==> flow/design.v <==
module reg_bank_rtl #(
    parameter int NUM_REGS = 4,
    parameter int W = 6,
    parameter int AW = $clog2(NUM_REGS)
) (
    input logic clk_i,
    input logic i_rst,
    input logic wr_in,
    input logic [AW-1:0] wsel_in,
    input logic [W-1:0] wd_in,
    input logic [AW-1:0] read_addr1_in,
    input logic [AW-1:0] read_addr2_in,
    output logic [W-1:0] rd1_out,
    output logic [W-1:0] rd2_out
);
    logic [W-1:0] array [NUM_REGS-1:0];
    always_ff @(posedge clk_i) begin
        if (wr_in)
            array[wsel_in] <= wd_in;
    end
    logic [W-1:0] rd1_s;
    assign rd1_out = rd1_s;
    logic [W-1:0] rd2_s;
    assign rd2_out = rd2_s;
    always_ff @(posedge clk_i) begin
        if (i_rst) begin
            rd1_s <= '0;
            rd2_s <= '0;
        end else begin
            rd1_s <= (wr_in && wsel_in == read_addr1_in) ? wd_in : array[read_addr1_in];
            rd2_s <= (wr_in && wsel_in == read_addr2_in) ? wd_in : array[read_addr2_in];
        end
    end
endmodule
Lab notebook: reg_bank_rtl

## Tool chain data of reg_bank_rtl

Module reg_bank_rtl in several versions that differ in "NUM_REGS"; each step lists the members.
The RTL above is that of NUM_REGS=4; lines are counted from 1 in the file of the member named.
Library cell names are shortened.
The mark -- stands for no value.

- Top module: reg_bank_rtl
- Clock port: clk_i
- Library: sky130hd
- Library corner: tt_025C_1v80

## Members of the sweep

New or changed lines of each further member against the RTL above, in its own file; lines it lacks are not shown.

New or changed lines:

| NUM_REGS | line | text |
|---|---|---|
| 10 | 2 | `parameter int NUM_REGS = 10,` |
| 12 | 2 | `parameter int NUM_REGS = 12,` |
| 20 | 2 | `parameter int NUM_REGS = 20,` |
| 96 | 2 | `parameter int NUM_REGS = 96,` |

## After elaboration

Counts by Yosys on the flattened word-level netlist (proc, flatten, opt, wreduce; memories kept). Register bits leave out memories and registers merged into their read ports (data or address); mux counts leave out enables and synchronous resets folded into registers. Print and check cells are left out. Cells with the same type and inputs are merged into one.
Memory sizes are those after Yosys's memory passes, which may raise the word count (mostly to a power of two), join words into wider ones and drop unused or constant bits.

Word-level totals:

| NUM_REGS | bits in registers | latch bits | bits in writable memories | bits in read-only memories | clocked read ports x word width | memory cells | bits of input ports | output and inout bits | cells after elaboration |
|---|---|---|---|---|---|---|---|---|---|
| 4 | 0 | 0 | 24 | 0 | 12 | 1 | 15 | 12 | 4 |
| 10 | 0 | 0 | 60 | 0 | 12 | 1 | 21 | 12 | 4 |
| 12 | 0 | 0 | 72 | 0 | 12 | 1 | 21 | 12 | 4 |
| 20 | 0 | 0 | 120 | 0 | 12 | 1 | 24 | 12 | 4 |
| 96 | 0 | 0 | 576 | 0 | 12 | 1 | 30 | 12 | 4 |

Memories:

| NUM_REGS | words x width with read and write ports |
|---|---|
| 4 | array 4x6 r2 w1 |
| 10 | array 10x6 r2 w1 |
| 12 | array 12x6 r2 w1 |
| 20 | array 20x6 r2 w1 |
| 96 | array 96x6 r2 w1 |

Cells by class:

| NUM_REGS | add/sub/neg operators | multipliers | div/mod/pow operators | order comparisons | eq/ne operators | shift-type cells | multiplexer cells | bitwise gates (word level) | reduce/logical cells |
|---|---|---|---|---|---|---|---|---|---|
| 4 | 0 | 0 | 0 | 0 | 0 | 0 | 3 | 0 | 0 |
| 10 | 0 | 0 | 0 | 0 | 0 | 0 | 3 | 0 | 0 |
| 12 | 0 | 0 | 0 | 0 | 0 | 0 | 3 | 0 | 0 |
| 20 | 0 | 0 | 0 | 0 | 0 | 0 | 3 | 0 | 0 |
| 96 | 0 | 0 | 0 | 0 | 0 | 0 | 3 | 0 | 0 |

Operators with widths:

| NUM_REGS | kind and count |
|---|---|
| 4 | 6-bit two-way mux: 1; 2-bit two-way mux: 1; 1-bit two-way mux: 1 |
| 10 | 6-bit two-way mux: 1; 4-bit two-way mux: 1; 1-bit two-way mux: 1 |
| 12 | 6-bit two-way mux: 1; 4-bit two-way mux: 1; 1-bit two-way mux: 1 |
| 20 | 6-bit two-way mux: 1; 5-bit two-way mux: 1; 1-bit two-way mux: 1 |
| 96 | 7-bit two-way mux: 1; 6-bit two-way mux: 1; 1-bit two-way mux: 1 |

## Logic depth

Longest topological path by Yosys (ltp), each cell counted once; first at word level (registers and memories cut), then after technology mapping (sequential cells cut; the memories' decode and read muxes count).

Depth:

| NUM_REGS | depth in word-level cells | ABC_AREA | mapped depth | mapped depth without buffers |
|---|---|---|---|---|
| 4 | 1 | 0 | 4 | 3 |
| 10 | 1 | 0 | 7 | 4 |
| 12 | 1 | 0 | 6 | 4 |
| 20 | 1 | 0 | 7 | 4 |
| 96 | 1 | 0 | 11 | 6 |

## Mapped cells and area

Source: synth_stat.txt of the flow (Yosys; design flattened, memories mapped). It holds for the ABC_AREA given above (unset counts as 0); a run with the other value may have another netlist.

Cell types:

| NUM_REGS | types with counts |
|---|---|
| 4 | edfxtp_1: 24; mux4_2: 12; dfxtp_1: 12; o31ai_1: 12; nand4_1: 12; a21oi_1: 12; xor2_2: 3; buf_6: 4; xnor2_1: 3; xnor2_2: 1; clkbuf_1: 3; xor2_1: 1; buf_4: 1; nor3b_1: 1; and3_1: 1; buf_2: 1; nor3_1: 1; inv_1: 1; [+2] |
| 10 | edfxtp_1: 60; mux4_2: 13; dfxtp_1: 12; mux2i_1: 21; mux2_2: 10; o221ai_1: 10; a22oi_1: 10; xnor2_1: 8; nand3_1: 11; o21ai_0: 11; mux4_1: 2; nor2b_1: 5; nor2_1: 8; clkbuf_1: 7; buf_2: 5; buf_6: 2; nor3_1: 4; nand2b_1: 3; [+28] |
| 12 | edfxtp_1: 72; mux4_2: 30; dfxtp_1: 12; mux4_1: 6; buf_6: 8; a22oi_1: 10; a311oi_1: 8; nor3_1: 14; nand2_1: 15; xnor2_2: 3; a311oi_2: 3; nor2_1: 12; xnor2_1: 5; buf_12: 2; buf_2: 4; nand3_2: 2; nand3b_1: 2; a22oi_2: 1; [+12] |
| 20 | edfxtp_1: 120; mux4_2: 38; mux4_1: 18; dfxtp_1: 12; mux2i_1: 12; nor2_1: 28; xnor2_1: 9; a2111oi_2: 5; a211oi_1: 9; a22oi_1: 9; nand3_1: 12; buf_6: 5; buf_2: 11; a221oi_1: 5; a22o_1: 5; and3_1: 6; nand2_1: 10; nor2b_1: 6; [+57] |
| 96 | edfxtp_1: 576; mux4_2: 231; mux2i_1: 156; nor2_1: 115; a22oi_1: 48; buf_6: 30; mux4_1: 10; dfxtp_1: 12; buf_4: 29; a21oi_1: 40; nand2_1: 53; buf_12: 7; nor2b_1: 22; mux2_2: 12; a311oi_1: 14; o22ai_1: 18; xor2_1: 12; clkbuf_1: 27; [+163] |

The mark [+n] counts cells that are not listed.

Synthesis totals:

| NUM_REGS | cells in the netlist | chip area (Yosys) (µm²) | mapped flip-flops | buffers |
|---|---|---|---|---|
| 4 | 107 | 1,655.3 | 36 | 9 |
| 10 | 230 | 3,398.3 | 72 | 17 |
| 12 | 221 | 3,971.3 | 84 | 15 |
| 20 | 377 | 6,447.4 | 132 | 27 |
| 96 | 1,575 | 28,264.6 | 588 | 117 |

## Path before layout

Source: OpenSTA report_checks on the synthesized netlist (no wires, ideal clock, input and output delay 20% of the period each), path of least setup slack; recovery checks are left aside. Register names are those of the netlist, which keeps one name where synthesis merged equal registers.

Timing path after synthesis:

| NUM_REGS | kind | start | end | period (ps) | setup slack (ps) | stages on the path | path delay (ps) | synthesis period reached (ps) |
|---|---|---|---|---|---|---|---|---|
| 4 | input to register | in wr_in | mem array[2][0] | 1,860 | 296 | 3 | 1,192 | 1,564 |
| 10 | input to register | in wsel_in[2] | mem array[0][0] | 2,120 | 342 | 2 | 1,354 | 1,778 |
| 12 | input to register | in wsel_in[2] | mem array[0][0] | 2,110 | 336 | 2 | 1,353 | 1,774 |
| 20 | input to register | in wr_in | mem array[0][0] | 2,210 | 354 | 3 | 1,414 | 1,856 |
| 96 | input to register | in read_addr1_in[1] | reg rd1_s[0] | 2,740 | 440 | 8 | 1,752 | 2,300 |

"path delay" is the arrival time less input delay plus setup time.
"stages on the path" counts driving pins, that of a launching flip-flop among them; a cell with two outputs on the path counts twice.
"synthesis period reached" = period - worst setup slack (recovery checks aside). The figure is calculated, with input and output delays left at 20% of the set period.
Between the ends stands the longest chain of elaborated cells between them, by number of cells; it is not shown to be the way that was timed. Of several equally long chains one is given.
A line is the first line of the expression or statement that the cell stems from. Yosys adds cells for indexed reads and writes and turns some case tables into memories.
NUM_REGS=4: The path ends at the enable pin of a flip-flop; only ways to that pin are counted.

On the way, after synthesis, NUM_REGS=4:
- Length of the longest elaborated chain: 1

RTL lines, path after synthesis, NUM_REGS=4:

| element | line | text |
|---|---|---|
| from (decl) | 8 | `input logic wr_in,` |
| 2-bit two-way mux | 18 | `if (wr_in)` |
| to (decl) | 16 | `logic [W-1:0] array [NUM_REGS-1:0];` |

RTL lines, path after synthesis, NUM_REGS=96:

| element | line | text |
|---|---|---|
| from (decl) | 11 | `input logic [AW-1:0] read_addr1_in,` |
| to (decl) | 21 | `logic [W-1:0] rd1_s;` |

NUM_REGS=96: Chain of elaborated cells between the ends: none given.

## Timing after layout

Path of least setup slack in the final report of each member's run (OpenROAD, finished layout, wires in). Where an end is a register, its clock arrival counts in the times.
The report prints the path's times to 10 ps; the period is as set.

Timing path after layout:

| NUM_REGS | kind | start | end | period (ps) | setup slack (ps) | stages on the path | arrival time (ps) | path buffers |
|---|---|---|---|---|---|---|---|---|
| 4 | input to register | in read_addr2_in[0] | reg rd2_s[0] | 1,860 | 290 | 5 | 1,720 | 2 |
| 10 | input to register | in read_addr1_in[1] | reg rd1_s[4] | 2,120 | 190 | 5 | 2,160 | 1 |
| 12 | input to register | in read_addr2_in[0] | reg rd2_s[5] | 2,110 | 220 | 5 | 2,100 | 2 |
| 20 | input to register | in wsel_in[1] | reg rd2_s[1] | 2,210 | 210 | 6 | 2,270 | 2 |
| 96 | register to register | mem array[28][5] | reg rd2_s[5] | 2,740 | 140 | 9 | 3,060 | 2 |

## Measured runs

One run of the flow (Yosys, OpenROAD) for each member, with settings and measured results. Input and output delays are each 20% of the period that was set; the output load is 0.01 pF.

- CAP_MARGIN: 20
- CORE_MARGIN: 2
- CORE_UTILIZATION: 40
- SLEW_MARGIN: 20

Settings by member:

| NUM_REGS | period_ns |
|---|---|
| 4 | 1.86 |
| 10 | 2.12 |
| 12 | 2.11 |
| 20 | 2.21 |
| 96 | 2.74 |

Measured results:

| NUM_REGS | chip area after synthesis (Yosys) (µm²) | die footprint (µm²) | std-cell area (final layout) (µm²) | post-route utilization | lowest setup slack (ps) | sum of negative setup slack (ps) | final worst hold slack (ps) | total power of the final layout (mW) | achieved period (ps) |
|---|---|---|---|---|---|---|---|---|---|
| 4 | 1,655.3 | 4,669.0 | 2,133.3 | 0.533 | 293 | 0 | 807 | 1.866 | 1,567 |
| 10 | 3,398.3 | 9,248.7 | 4,262.8 | 0.519 | 186 | 0 | 768 | 3.168 | 1,934 |
| 12 | 3,971.3 | 10,741.2 | 4,874.7 | 0.503 | 221 | 0 | 839 | 3.405 | 1,889 |
| 20 | 6,447.4 | 17,150.5 | 8,042.7 | 0.508 | 214 | 0 | 843 | 5.972 | 1,996 |
| 96 | 28,264.6 | 72,802.8 | 33,758.6 | 0.482 | 142 | 0 | 223 | 20.683 | 2,598 |

"achieved period": clock period set for the run, less the worst setup slack. It is reckoned from that one timing run; input and output delays stay at 20% of the period that was set.
"total power of the final layout": no workload was simulated; the value follows from the tool's default switching activity.
